==> flow/design.v <==
module my_mplex_top #(
  parameter BITS = 3,
  parameter N_IN = 8,
  parameter SW = $clog2(N_IN)
) (
  input clk_i,
  input clr,
  input adv,
  input [N_IN*BITS-1:0] in_src,
  input [SW-1:0] in_select,
  output reg [BITS-1:0] out_data_out
);
  reg [N_IN*BITS-1:0] r_src;
  always @(posedge clk_i or posedge clr) begin
    if (clr) begin
      r_src <= 0;
    end else if (adv) begin
      r_src <= in_src;
    end
  end
  reg [SW-1:0] r_select;
  always @(posedge clk_i or posedge clr) begin
    if (clr) begin
      r_select <= 0;
    end else if (adv) begin
      r_select <= in_select;
    end
  end
  localparam HALF = N_IN / 2;
  reg [BITS-1:0] r_lo;
  always @(posedge clk_i or posedge clr) begin
    if (clr) begin
      r_lo <= 0;
    end else if (adv) begin
      r_lo <= r_src[r_select[SW-2:0]*BITS +: BITS];
    end
  end
  reg [BITS-1:0] r_hi;
  always @(posedge clk_i or posedge clr) begin
    if (clr) begin
      r_hi <= 0;
    end else if (adv) begin
      r_hi <= r_src[(HALF + r_select[SW-2:0])*BITS +: BITS];
    end
  end
  reg r_select_d;
  always @(posedge clk_i or posedge clr) begin
    if (clr) begin
      r_select_d <= 1'b0;
    end else if (adv) begin
      r_select_d <= r_select[SW-1];
    end
  end
  always @(posedge clk_i or posedge clr) begin
    if (clr) begin
      out_data_out <= 0;
    end else if (adv) begin
      out_data_out <= r_select_d ? r_hi : r_lo;
    end
  end
endmodule
=== Reports on my_mplex_top ===
Module my_mplex_top in several versions that differ in "BITS"; each step lists the members.
The file above is the member BITS 3. Line numbers count from 1 in each member's own file.
Operators: Yosys type, input widths -> output width; for muxes data width and select width s.
A cell with n/a has no value.

* Design top: my_mplex_top
* Clock input: clk_i
* Library: sky130hd
* Timing corner: tt_025C_1v80

=== Source of the members ===
New or changed lines of each further member against the RTL above, in its own file; lines it lacks are not shown.

{| class="wikitable"
|+ Lines new or changed
! BITS !! line !! RTL
|-
| 32 || 2 || <nowiki>parameter BITS = 32,</nowiki>
|-
| 64 || 2 || <nowiki>parameter BITS = 64,</nowiki>
|}

=== Elaborated design ===
Source: Yosys, flattened and elaborated, memories not mapped. Widths are those after wreduce; folded enables and synchronous resets count as part of the registers. Registers that Yosys merges into a memory's read port (data or address) are not register bits. Print and check cells do not count. Equal cells are merged and count once.

{| class="wikitable"
|+ Bit counts
! BITS !! bits in registers
|-
| 3 || 37
|-
| 32 || 356
|-
| 64 || 708
|}

{| class="wikitable"
|+ Cells by class
! BITS !! add/subtract/negate cells !! multipliers !! shift operators !! muxes and demuxes
|-
| 3 || 1 || 2 || 2 || 1
|-
| 32 || 1 || 0 || 2 || 1
|-
| 64 || 1 || 0 || 2 || 1
|}

{| class="wikitable"
|+ Operator list
! BITS !! kind and count
|-
| 3 || $shiftx 24x5->3: 1; $shiftx 24x7->3: 1; $mul 4x2->6 const B: 1; $mul 2x2->4 const B: 1; $add 3x2->4 const A: 1; $mux 3: 1
|-
| 32 || $shiftx 256x10->32: 1; $shiftx 256x8->32: 1; $mux 32: 1; $add 3x2->4 const A: 1
|-
| 64 || $shiftx 512x11->64: 1; $shiftx 512x9->64: 1; $mux 64: 1; $add 3x2->4 const A: 1
|}

=== Depth ===
Yosys ltp: most cells in a row. Word level: on the elaborated netlist, between registers, memories and ports. Mapped: between sequential cells and ports; inverters and the memories' decode and read muxes count.

{| class="wikitable"
|+ Depth
! BITS !! depth after elaboration !! ABC_AREA !! depth in mapped cells !! gate-level depth less buffers
|-
| 3 || 3 || 0 || 4 || 2
|-
| 32 || 2 || 0 || 5 || 2
|-
| 64 || 2 || 0 || 6 || 2
|}

=== Netlist ===
The flow's flattened synthesis, as Yosys stat reports it; memories are mapped. The netlist is that of the ABC_AREA named above (0 if unset); the other value can give another one.

{| class="wikitable"
|+ Synthesis totals
! BITS !! standard cells after synthesis !! synthesis area (um^2) !! mapped flip-flops !! buffer cells
|-
| 3 || 108 || 1716.6 || 37 || 7
|-
| 32 || 1046 || 15896.5 || 356 || 75
|-
| 64 || 2081 || 30663.2 || 708 || 150
|}

{| class="wikitable"
|+ Cell types
! BITS !! types with counts
|-
| 3 || sky130_fd_sc_hd__dfrtp_1: 37; sky130_fd_sc_hd__mux2_4: 28; sky130_fd_sc_hd__mux2i_1: 15; sky130_fd_sc_hd__buf_6: 6; sky130_fd_sc_hd__o221ai_1: 6; sky130_fd_sc_hd__nand2b_1: 6; sky130_fd_sc_hd__buf_12: 1; sky130_fd_sc_hd__a21oi_1: 3; sky130_fd_sc_hd__nor2_1: 3; sky130_fd_sc_hd__nand2b_2: 1; sky130_fd_sc_hd__inv_1: 1; sky130_fd_sc_hd__nand2_1: 1
|-
| 32 || sky130_fd_sc_hd__dfrtp_1: 356; sky130_fd_sc_hd__mux2_4: 150; sky130_fd_sc_hd__mux2i_1: 160; sky130_fd_sc_hd__mux2_2: 107; sky130_fd_sc_hd__o221ai_1: 64; sky130_fd_sc_hd__nand2b_1: 65; sky130_fd_sc_hd__buf_6: 20; sky130_fd_sc_hd__buf_8: 12; sky130_fd_sc_hd__a21oi_1: 32; sky130_fd_sc_hd__buf_4: 16; sky130_fd_sc_hd__nor2_1: 32; sky130_fd_sc_hd__clkbuf_1: 13; sky130_fd_sc_hd__buf_2: 9; sky130_fd_sc_hd__mux2_1: 3; sky130_fd_sc_hd__buf_1: 5; sky130_fd_sc_hd__nand2_2: 1; sky130_fd_sc_hd__inv_1: 1
|-
| 64 || sky130_fd_sc_hd__dfrtp_1: 708; sky130_fd_sc_hd__mux2_2: 516; sky130_fd_sc_hd__mux2i_1: 320; sky130_fd_sc_hd__o221ai_1: 119; sky130_fd_sc_hd__nand2b_1: 128; sky130_fd_sc_hd__buf_6: 54; sky130_fd_sc_hd__buf_8: 23; sky130_fd_sc_hd__a21oi_1: 64; sky130_fd_sc_hd__nor2_1: 64; sky130_fd_sc_hd__buf_2: 34; sky130_fd_sc_hd__o221ai_2: 9; sky130_fd_sc_hd__buf_4: 17; sky130_fd_sc_hd__clkbuf_1: 17; sky130_fd_sc_hd__buf_12: 2; sky130_fd_sc_hd__clkbuf_4: 3; sky130_fd_sc_hd__nand2b_2: 1; sky130_fd_sc_hd__inv_1: 1; sky130_fd_sc_hd__nand2_1: 1
|}

=== Path before layout ===
Source: OpenSTA report_checks on the synthesized netlist (no wires, ideal clock, input and output delay 20% of the period each), path of least setup slack; recovery checks are left aside. Register names are those of the netlist, which keeps one name where synthesis merged equal registers.

{| class="wikitable"
|+ Timing after synthesis
! BITS !! path type !! start point !! end point !! clock period (ps) !! slack (ps) !! driving pins on the path !! path delay (ps) !! period reached after synthesis (ps)
|-
| 3 || register to register || register r_select[0] || register r_hi[0] || 1240 || 246 || 5 || 994 || 994
|-
| 32 || register to register || register r_select[0] || register r_lo[0] || 1450 || 291 || 6 || 1159 || 1159
|-
| 64 || register to register || register r_select[0] || register r_hi[1] || 1510 || 301 || 6 || 1210 || 1209
|}

"path delay" = arrival - input delay + setup time.
"driving pins on the path": output pins that drive a net of the path, with the launching flip-flop's if there is one; two outputs of one cell count as two.
"period reached after synthesis" = period - worst setup slack (recovery checks aside). The figure is calculated, with input and output delays left at 20% of the set period.
The rows between start and end are the longest chain of elaborated cells between them; the timing report does not say that the signal goes this way. Where chains are equally long, one stands for them.
Each line given opens the expression or statement behind the cell; cells for indexed reads and writes are added by Yosys, which also makes memories of some case tables.

Between the ends, after synthesis, BITS 3:
* Cells in the longest elaborated chain: 3

{| class="wikitable"
|+ Ends and longest elaborated chain, after synthesis, BITS 3
! element !! line !! RTL
|-
| start, declared || 21 || <nowiki>reg [SW-1:0] r_select;</nowiki>
|-
| start, assigned || 24 || <nowiki>r_select <= 0;</nowiki>
|-
| start, assigned || 26 || <nowiki>r_select <= in_select;</nowiki>
|-
| $add 3x2->4 || 43 || <nowiki>r_hi <= r_src[(HALF + r_select[SW-2:0])*BITS +: BITS];</nowiki>
|-
| $mul 4x2->6 || 43 ||
|-
| $shiftx 24x7->3 || 43 ||
|-
| end, assigned || 41 || <nowiki>r_hi <= 0;</nowiki>
|-
| end, assigned || 43 ||
|-
| end, declared || 38 || <nowiki>reg [BITS-1:0] r_hi;</nowiki>
|}

Between the ends, after synthesis, BITS 64:
* Cells in the longest elaborated chain: 2

{| class="wikitable"
|+ Ends and longest elaborated chain, after synthesis, BITS 64
! element !! line !! RTL
|-
| start, declared || 21 || <nowiki>reg [SW-1:0] r_select;</nowiki>
|-
| start, assigned || 24 || <nowiki>r_select <= 0;</nowiki>
|-
| start, assigned || 26 || <nowiki>r_select <= in_select;</nowiki>
|-
| $add 3x2->4 || 43 || <nowiki>r_hi <= r_src[(HALF + r_select[SW-2:0])*BITS +: BITS];</nowiki>
|-
| $shiftx 512x11->64 || 43 ||
|-
| end, assigned || 41 || <nowiki>r_hi <= 0;</nowiki>
|-
| end, assigned || 43 ||
|-
| end, declared || 38 || <nowiki>reg [BITS-1:0] r_hi;</nowiki>
|}

=== Worst path after layout ===
Path of least setup slack in the final report of the run of each member (OpenROAD, finished layout, wires in). Where an end is a register, its clock arrival counts in the times.
The report prints the path's times to 10 ps; the period is as set.

{| class="wikitable"
|+ Timing post-layout
! BITS !! path type !! start point !! end point !! clock period (ps) !! slack (ps) !! driving pins on the path !! arrival (ps) !! path buffers
|-
| 3 || register to output || register out_data_out[1] || output port out_data_out[1] || 1240 || 40 || 2 || 960 || 1
|-
| 32 || register to output || register out_data_out[31] || output port out_data_out[31] || 1450 || 50 || 2 || 1110 || 1
|-
| 64 || register to output || register out_data_out[7] || output port out_data_out[7] || 1510 || 0 || 2 || 1210 || 1
|}

=== Layout results ===
One run of the flow (Yosys, OpenROAD) for each member, with settings and measured results. Input and output delays are each 20% of the period that was set; the output load is 0.01 pF.

* CAP_MARGIN: 20
* CORE_MARGIN: 2
* CORE_UTILIZATION: 40
* SLEW_MARGIN: 20

{| class="wikitable"
|+ Settings that differ
! BITS !! period_ns
|-
| 3 || 1.24
|-
| 32 || 1.45
|-
| 64 || 1.51
|}

{| class="wikitable"
|+ Final reports
! BITS !! synthesis area (um^2) !! die area (um^2) !! standard-cell area after routing (um^2) !! utilization of the finished layout (%) !! worst slack on setup checks (ps) !! total negative slack (ps) !! power (mW) !! reached clock period (ps)
|-
| 3 || 1716.6 || 4831.6 || 2179.6 || 53.7 || 36 || 0 || 3.049 || 1204
|-
| 32 || 15896.5 || 41351.2 || 21099.0 || 53.5 || 45 || 0 || 26.952 || 1405
|-
| 64 || 30663.2 || 78888.0 || 40397.5 || 53.2 || -1 || -1 || 50.740 || 1511
|}

"reached clock period": clock period set for the run, less the worst setup slack. It is reckoned from that one timing run; input and output delays stay at 20% of the period that was set.
"power" is the tool's figure for a default switching activity; nothing was simulated.
